==> flow/design.v <==
module alu_selector_v2_m2 #(parameter N = 1) (
    input wire [N-1:0] a,
    input wire [N-1:0] b,
    input wire s,
    output wire [N-1:0] y
);
    assign y = (a & {N{~s}}) | (b & {N{s}});
endmodule
module alu_selector_v2 #(
    parameter integer XLEN = 20,
    parameter integer LANES = 4,
    parameter integer SBITS = $clog2(LANES)
) (
    input  i_clk,
    input  rst_ni,
    input  [LANES*XLEN-1:0] src,
    input  [SBITS-1:0] s,
    output reg [XLEN-1:0] res
);
    reg [LANES*XLEN-1:0] src_reg;
    reg [SBITS-1:0] s_reg;
    wire [XLEN-1:0] nd [1:2*LANES-1];
    genvar k;
    generate
        for (k = 0; k < LANES; k = k + 1) begin : u_g
            assign nd[LANES+k] = src_reg[k*XLEN +: XLEN];
        end
        for (k = 1; k < LANES; k = k + 1) begin : g_bit
            alu_selector_v2_m2 #(.N(XLEN)) unit (.a(nd[2*k]), .b(nd[2*k+1]), .s(s_reg[SBITS - $clog2(k+1)]), .y(nd[k]));
        end
    endgenerate
    always @(posedge i_clk or negedge rst_ni) begin
        if (!rst_ni) begin
            src_reg <= 0;
            s_reg <= 0;
            res <= 0;
        end else begin
            src_reg <= src;
            s_reg <= s;
            res <= nd[1];
        end
    end
endmodule
Reports on alu_selector_v2 --
Tool output for the design above, in the order of the flow. Line numbers count from 1 in the design file above. Library cell names are shortened. Not given: --
Inputs: design top alu_selector_v2, clock port i_clk, standard-cell library sky130hd, timing corner tt_025C_1v80

Word level --
Counts by Yosys on the flattened word-level netlist (proc, flatten, opt, wreduce). Print and check cells are left out. Cells with the same type and inputs are merged into one.
Bit counts: bits in registers 102, word-level cells 14
Cells by class: bitwise logic cells 11
Operator list (count):
- 20-bit bitwise AND | 6
- 20-bit OR | 3
- 1-bit inverter | 2

Depth --
Longest topological path by Yosys (ltp), each cell counted once; first at word level (registers and memories cut), then after technology mapping (sequential cells cut; the memories' decode and read muxes count).
Logic depth: depth in word-level cells 5, ABC_AREA 0, depth in mapped cells 2, depth with buffers taken out 1

After synthesis --
Yosys stat after the flow's synthesis: flattened, memories mapped to cells. It holds for the ABC_AREA given above (unset counts as 0); a run with the other value may have another netlist.
Synthesis totals: cells in the netlist 126, chip area (Yosys) 3035.4 um^2, sequential area 2552.4 um^2, flip-flop cells 102, buffers 4
Cell types:
- dfrtp_1 | count 102, total area 2.55E+03 um^2
- mux4_2 | count 20, total area 450.432 um^2
- buf_6 | count 2, total area 22.522 um^2
- buf_2 | count 2, total area 10.01 um^2
The figures by module come from a second, unflattened synthesis with its own total; it is not the netlist above.
Unflattened totals: cell total of the unflattened synthesis 168, area total of the unflattened synthesis 3520.9 um^2
Each row is one instance without its submodules.
Modules:
- alu_selector_v2 | instances 1, cells 102, area 2552.4 um^2
- alu_selector_v2_m2 (N=20) | instances 3, cells 22, area 322.8 um^2

Timing after synthesis --
Path of least setup slack by OpenSTA after synthesis, without wires, with an ideal clock, recovery checks aside; 20% of the period is set as input and as output delay. Where synthesis merged equal registers, the netlist keeps one of their names.
Path post-synthesis: path kind reg2reg, from register s_reg[0], to register res[0], period 1.44 ns, setup time 0.138 ns, launch time at the first pin 0.000 ns, arrival time 1.016 ns, slack 0.286 ns, delay of the path 1.154 ns, stages on the path 3, path buffers 1, period reached after synthesis 1.154 ns
"delay of the path" = arrival - input delay + setup time. "stages on the path" counts driving pins, that of a launching flip-flop among them; a cell with two outputs on the path counts twice. "period reached after synthesis" = period - worst setup slack (recovery checks aside). The figure is calculated, with input and output delays left at 20% of the set period. The rows between start and end are the longest chain of elaborated cells between them; the timing report does not say that the signal goes this way. Where chains are equally long, one stands for them. A line is the first line of the expression or statement that the cell stems from. Yosys adds cells for indexed reads and writes and turns some case tables into memories.
On the way, post-synthesis: cell sequence dfrtp_1 buf_6 mux4_2, cells in the longest elaborated chain 5
RTL lines, path post-synthesis:
- start: declaration | line 21 | reg [SBITS-1:0] s_reg;
- start: assignment | line 35 | s_reg <= 0;
- start: assignment | line 39 | s_reg <= s;
- 1-bit inverter | line 7 | assign y = (a & {N{~s}}) | (b & {N{s}});
- 20-bit bitwise AND | line 7
- 20-bit OR | line 7
- 20-bit bitwise AND | line 7
- 20-bit OR | line 7
- end: assignment | line 36 | res <= 0;
- end: assignment | line 40 | res <= nd[1];
- end: declaration | line 18 | output reg [XLEN-1:0] res

Worst path after layout --
From the final timing report of flow run A: the path of least setup slack in the routed layout; clock arrival at registers is part of the times.
Path after layout: path kind reg2out, from register res[4], to output port res[4], period 1.53 ns, external output delay 0.31 ns, launch time at the first pin 0.34 ns, arrival time 0.96 ns, slack 0.27 ns, stages on the path 2, path buffers 1
On the way, after layout: cell sequence dfrtp_1 clkdlybuf4s15_1, cells in the longest elaborated chain 0
RTL lines, path after layout:
- start: declaration | line 18 | output reg [XLEN-1:0] res
- start: assignment | line 36 | res <= 0;
- start: assignment | line 40 | res <= nd[1];
- end: declaration | line 18

Top module alu_selector_v2; platform sky130hd; tools Yosys and OpenROAD; 3 stored runs in no particular order. Input and output delays are each 20% of the period that was set; the output load is 0.01 pF.
"achieved period" is the run's clock period less its worst setup slack. It is reckoned from that one timing run; input and output delays stay at 20% of the period that was set.
By "worst setup path time" is meant the share of the clock period that the worst setup path is allowed (20% is reserved at inputs, 20% at outputs), minus its slack. Clock arrival times at its registers enter into it.
"power consumption": no workload was simulated; the value follows from the tool's default switching activity.

* Flow run A | settings: period_ns 1.53; CORE_UTILIZATION 20; SETUP_SLACK_MARGIN 0.22; PLACE_DENSITY_LB_ADDON 0.14; GPL_TIMING_DRIVEN 1; MIN_ROUTING_LAYER met2; CAP_MARGIN 20; CORE_MARGIN 2; SLEW_MARGIN 20 | results: utilization 0.308; mapped cell area after synthesis 3035.4 um^2; setup slack of the worst path 0.267 ns; power consumption 5598 µW; die outline area 16178.6 um^2; achieved period 1.263 ns; worst setup path time 0.96 ns; kind of the worst setup path reg2out
* Flow run B | settings: period_ns 1.59; CORE_UTILIZATION 40; PLACE_DENSITY_LB_ADDON 0.15; CORE_ASPECT_RATIO 1.61; GPL_TIMING_DRIVEN 1; CTS_CLUSTER_SIZE 25; MAX_ROUTING_LAYER met5; CAP_MARGIN 20; CORE_MARGIN 2; SLEW_MARGIN 20 | results: utilization 0.61; mapped cell area after synthesis 3035.4 um^2; setup slack of the worst path 0.058 ns; power consumption 5448 µW; die outline area 8321.2 um^2; achieved period 1.532 ns; worst setup path time 1.21 ns; kind of the worst setup path reg2out
* Flow run C | settings: period_ns 1.44; CAP_MARGIN 20; CORE_MARGIN 2; CORE_UTILIZATION 40; SLEW_MARGIN 20 | results: utilization 0.609; mapped cell area after synthesis 3035.4 um^2; setup slack of the worst path 0.149 ns; power consumption 5458 µW; die outline area 8301.0 um^2; achieved period 1.291 ns; worst setup path time 1.00 ns; kind of the worst setup path reg2out
